==> flow/design.v <==
module mul_unit #(
  parameter DATA_W = 3
) (
  input  clk_i,
  input  clk_en,
  input  [DATA_W-1:0] rs1_in,
  input  [DATA_W-1:0] rs2_in,
  output reg [2*DATA_W-1:0] prod_out
);
  reg [DATA_W-1:0] rs1_r;
  reg [DATA_W-1:0] rs2_r;
  reg [2*DATA_W-1:0] r;
  integer k;
  always @* begin
    r = 0;
    for (k = 0; k < DATA_W; k = k + 1)
      if (rs2_r[k]) r = r + (rs1_r << k);
  end
  always @(posedge clk_i) begin
    if (clk_en) begin
      rs1_r <= rs1_in;
      rs2_r <= rs2_in;
      prod_out <= r;
    end
  end
endmodule
---- Step by step through the tools: mul_unit ----
The steps from the RTL of mul_unit to its reports follow in flow order.
Line numbers count from 1 in the design file above.
Operators carry their Yosys type and port widths (W data, S select, Z words).
Not given: n/a
inputs
  top module .............................. mul_unit
  clock input ............................. clk_i
  cell library ............................ sky130hd
  library corner .......................... tt_025C_1v80

---- Word level ----
Source: Yosys, flattened and elaborated, memories not mapped. Widths are those after wreduce; folded enables and synchronous resets count as part of the registers. Registers that Yosys merges into a memory's read port (data or address) are not register bits. Print and check cells do not count. Equal cells are merged and count once.
cells by class
  multiplexer cells ....................... 3
  add/subtract/negate cells ............... 2
operator list
  kind           number
  $mux W6        2
  $add A6 B4 Y6  1
  $add A6 B5 Y6  1
  $mux W3        1
word-level totals
  output and inout bits ................... 6
  input port bits ......................... 8
  register bits ........................... 12

---- Logic depth ----
Depth = most cells in a row (Yosys ltp): at word level without a register or memory, in the mapped netlist without a sequential cell, where the memories' decode and read muxes count.
logic depth
  depth in word-level cells ............... 5
  ABC_AREA ................................ 0
  depth in mapped cells ................... 11

---- Netlist ----
Yosys stat after the flow's synthesis: flattened, memories mapped to cells. It holds for the ABC_AREA given above (unset counts as 0); a run with the other value may have another netlist.
Totals and module areas in this step are rounded.
mapped netlist
  buffers ................................. 0
  synthesis area .......................... 609 µm²
  mapped flip-flops ....................... 12
  mapped cells ............................ 46
  area of sequential cells ................ 360 µm²
cells by type
  cell type                  number  area in all (µm²)
  sky130_fd_sc_hd__edfxtp_1  12      360.346
  sky130_fd_sc_hd__ha_1      5       62.56
  sky130_fd_sc_hd__mux2_2    2       22.522
  sky130_fd_sc_hd__fa_1      1       20.019
  sky130_fd_sc_hd__nand2_1   5       18.768
  sky130_fd_sc_hd__xnor2_1   2       17.517
  sky130_fd_sc_hd__o21ai_1   3       15.014
  sky130_fd_sc_hd__and2_1    2       12.512
  sky130_fd_sc_hd__nand2b_1  2       12.512
  sky130_fd_sc_hd__inv_1     3       11.261
  sky130_fd_sc_hd__a21oi_2   1       8.758
  sky130_fd_sc_hd__a31o_1    1       8.758
  sky130_fd_sc_hd__o21ai_2   1       8.758
  sky130_fd_sc_hd__a21o_1    1       7.507
  sky130_fd_sc_hd__nor2_1    2       7.507
  sky130_fd_sc_hd__nand2_2   1       6.256
  sky130_fd_sc_hd__a21oi_1   1       5.005
  sky130_fd_sc_hd__inv_2     1       3.754

---- Timing after synthesis ----
OpenSTA on the mapped netlist: ideal clock, no wires. The path of least setup slack (recovery checks aside). Input and output delay are each 20% of the period. Register names are those of the netlist, which keeps one name where synthesis merged equal registers.
timing post-synthesis
  path kind ............................... reg2reg
  start ................................... register rs1_r[1]
  end ..................................... register prod_out[4]
  clock period ............................ 3.0 ns
  delay of the path ....................... 2.396 ns
  stages on the path ...................... 12
  buffers on the path ..................... 0
  path slack .............................. 0.605 ns
  arrival time ............................ 2.136 ns
  required time ........................... 2.740 ns
  library setup time ...................... 0.260 ns
  synthesis period reached ................ 2.395 ns
"delay of the path" = arrival - input delay + setup time.
"stages on the path" counts driving pins, that of a launching flip-flop among them; a cell with two outputs on the path counts twice.
"synthesis period reached" is the clock period less the worst setup slack; recovery checks do not enter. This is arithmetic on one report: input and output delays are still those of the set period (20% each).
Between the ends stands the longest chain of elaborated cells between them, by number of cells; it is not shown to be the way that was timed. Of several equally long chains one is given.
A line is the first line of the expression or statement that the cell stems from. Yosys adds cells for indexed reads and writes and turns some case tables into memories.
on the way, post-synthesis
  path through ............................ sky130_fd_sc_hd__edfxtp_1 -> sky130_fd_sc_hd__nand2_2 -> sky130_fd_sc_hd__inv_2 -> sky130_fd_sc_hd__ha_1 -> sky130_fd_sc_hd__ha_1 -> sky130_fd_sc_hd__nand2_1 -> sky130_fd_sc_hd__o21ai_1 -> sky130_fd_sc_hd__ha_1 -> sky130_fd_sc_hd__inv_1 -> sky130_fd_sc_hd__fa_1 -> sky130_fd_sc_hd__xnor2_1 -> sky130_fd_sc_hd__mux2_2
  cells in the longest elaborated chain ... 5
  elaborated cells on any way between the ends .. 5
  those cells by class .................... add/sub (2); mux (3)
RTL lines, path post-synthesis
  what           RTL line  RTL
  from (decl)    10        reg [DATA_W-1:0] rs1_r;
  from (assign)  21        rs1_r <= rs1_in;
  $mux W3        17        if (rs2_r[k]) r = r + (rs1_r << k);
  $add A6 B4 Y6  17
  $mux W6        17
  $add A6 B5 Y6  17
  $mux W6        17
  to (assign)    23        prod_out <= r;
  to (decl)      8         output reg [2*DATA_W-1:0] prod_out

---- Timing after layout ----
From the final timing report of stored run 1: the path of least setup slack in the routed layout; clock arrival at registers is part of the times.
timing post-layout
  path kind ............................... reg2reg
  start ................................... register rs2_r[0]
  end ..................................... register prod_out[3]
  clock period ............................ 2.01 ns
  arrival time ............................ 2.37 ns
  library setup time ...................... 0.24 ns
  required time ........................... 2.04 ns
  buffers on the path ..................... 0
  stages on the path ...................... 12
  path slack .............................. -0.33 ns
Between the ends stands the longest chain of elaborated cells between them, by number of cells; it is not shown to be the way that was timed. Of several equally long chains one is given.
on the way, post-layout
  path through ............................ sky130_fd_sc_hd__edfxtp_1 -> sky130_fd_sc_hd__nand2_2 -> sky130_fd_sc_hd__inv_2 -> sky130_fd_sc_hd__ha_4 -> sky130_fd_sc_hd__ha_4 -> sky130_fd_sc_hd__nand2_4 -> sky130_fd_sc_hd__o21ai_4 -> sky130_fd_sc_hd__ha_4 -> sky130_fd_sc_hd__inv_2 -> sky130_fd_sc_hd__fa_2 -> sky130_fd_sc_hd__nor2_1 -> sky130_fd_sc_hd__a31o_1
  cells in the longest elaborated chain ... 5
  elaborated cells on any way between the ends .. 5
  those cells by class .................... add/sub (2); mux (3)
RTL lines, path post-layout
  what           RTL line  RTL
  from (decl)    11        reg [DATA_W-1:0] rs2_r;
  from (assign)  22        rs2_r <= rs2_in;
  $mux W3        17        if (rs2_r[k]) r = r + (rs1_r << k);
  $add A6 B4 Y6  17
  $mux W6        17
  $add A6 B5 Y6  17
  $mux W6        17
  to (assign)    23        prod_out <= r;
  to (decl)      8         output reg [2*DATA_W-1:0] prod_out

Data sheet: physical implementation of mul_unit

Stored flow runs of mul_unit (3 of them; Yosys, OpenROAD, sky130hd). They differ in their settings and are not a sequence. Constraints: input delay and output delay 20% of the set period each, output load 0.01 pF.
By "achieved clock period" is meant the clock period of the run minus its worst setup slack. This is arithmetic on one report: input and output delays are still those of the set period (20% each).
"total power of the final layout" rests on the timing tool's default activity at the inputs, not on a simulated workload.
The results are shown rounded.

======== stored run 1 ========
==> flow/run.sh <==
#!/bin/bash
# the make line also repeats the synthesis and layout settings of config.mk as NAME=value (left out here)
make -C /OpenROAD-flow-scripts/flow DESIGN_CONFIG=/design/flow/config.mk WORK_HOME=/design/flow/orfs CLKGATE_MAP_FILE= finish
==> flow/config.mk <==
export PLATFORM = sky130hd
export DESIGN_NAME = mul_unit
export DESIGN_NICKNAME = mul_unit
export VERILOG_FILES = /design/flow/design.v
export SDC_FILE = /design/flow/constraint.sdc
export NUM_CORES = 4
export LEC_CHECK = 0
export ABC_AREA = 0
export CAP_MARGIN = 20
export CORE_ASPECT_RATIO = 1.13
export CORE_MARGIN = 2
export CORE_UTILIZATION = 51
export MAX_ROUTING_LAYER = met4
export PLACE_DENSITY_LB_ADDON = 0.14
export SETUP_SLACK_MARGIN = 0.34
export SLEW_MARGIN = 10
==> flow/constraint.sdc <==
create_clock -name core_clock -period 2.01 [get_ports {clk_i}]
set_input_delay 0.4020 -clock core_clock [delete_from_list [all_inputs] [get_ports {clk_i}]]
set_output_delay 0.4020 -clock core_clock [all_outputs]
set_load 0.01 [all_outputs]

-------- measured, stored run 1 --------
  worst setup slack after layout .......... -0.333 ns
  achieved clock period ................... 2.343 ns
  utilization of the finished layout ...... 87.3 %
  total power of the final layout ......... 0.675 mW
  area inside the die boundary ............ 1490 µm²
  Yosys chip area after synthesis ......... 609 µm²
  standard-cell area after layout ......... 993 µm²

======== stored run 2 ========
==> flow/run.sh <==
#!/bin/bash
# the make line also repeats the synthesis and layout settings of config.mk as NAME=value (left out here)
make -C /OpenROAD-flow-scripts/flow DESIGN_CONFIG=/design/flow/config.mk WORK_HOME=/design/flow/orfs CLKGATE_MAP_FILE= finish
==> flow/config.mk <==
export PLATFORM = sky130hd
export DESIGN_NAME = mul_unit
export DESIGN_NICKNAME = mul_unit
export VERILOG_FILES = /design/flow/design.v
export SDC_FILE = /design/flow/constraint.sdc
export NUM_CORES = 4
export LEC_CHECK = 0
export CAP_MARGIN = 20
export CORE_MARGIN = 2
export CORE_UTILIZATION = 40
export SLEW_MARGIN = 20
==> flow/constraint.sdc <==
create_clock -name core_clock -period 3.0 [get_ports {clk_i}]
set_input_delay 0.6000 -clock core_clock [delete_from_list [all_inputs] [get_ports {clk_i}]]
set_output_delay 0.6000 -clock core_clock [all_outputs]
set_load 0.01 [all_outputs]

-------- measured, stored run 2 --------
  worst setup slack after layout .......... 0.397 ns
  achieved clock period ................... 2.603 ns
  utilization of the finished layout ...... 53.4 %
  total power of the final layout ......... 0.405 mW
  area inside the die boundary ............ 1850 µm²
  Yosys chip area after synthesis ......... 609 µm²
  standard-cell area after layout ......... 786 µm²

======== stored run 3 ========
==> flow/run.sh <==
#!/bin/bash
# the make line also repeats the synthesis and layout settings of config.mk as NAME=value (left out here)
make -C /OpenROAD-flow-scripts/flow DESIGN_CONFIG=/design/flow/config.mk WORK_HOME=/design/flow/orfs CLKGATE_MAP_FILE= finish
==> flow/config.mk <==
export PLATFORM = sky130hd
export DESIGN_NAME = mul_unit
export DESIGN_NICKNAME = mul_unit
export VERILOG_FILES = /design/flow/design.v
export SDC_FILE = /design/flow/constraint.sdc
export NUM_CORES = 4
export LEC_CHECK = 0
export CAP_MARGIN = 25
export CELL_PAD_IN_SITES_DETAIL_PLACEMENT = 2
export CORE_MARGIN = 2
export CORE_UTILIZATION = 68
export CTS_CLUSTER_DIAMETER = 170
export PLACE_DENSITY = 0.75
export SETUP_SLACK_MARGIN = 0.15
export SLEW_MARGIN = 20
==> flow/constraint.sdc <==
create_clock -name core_clock -period 2.12 [get_ports {clk_i}]
set_input_delay 0.4240 -clock core_clock [delete_from_list [all_inputs] [get_ports {clk_i}]]
set_output_delay 0.4240 -clock core_clock [all_outputs]
set_load 0.01 [all_outputs]

-------- stored run 3 --------
  did not finish, floorplanning stopped with PDN-0185
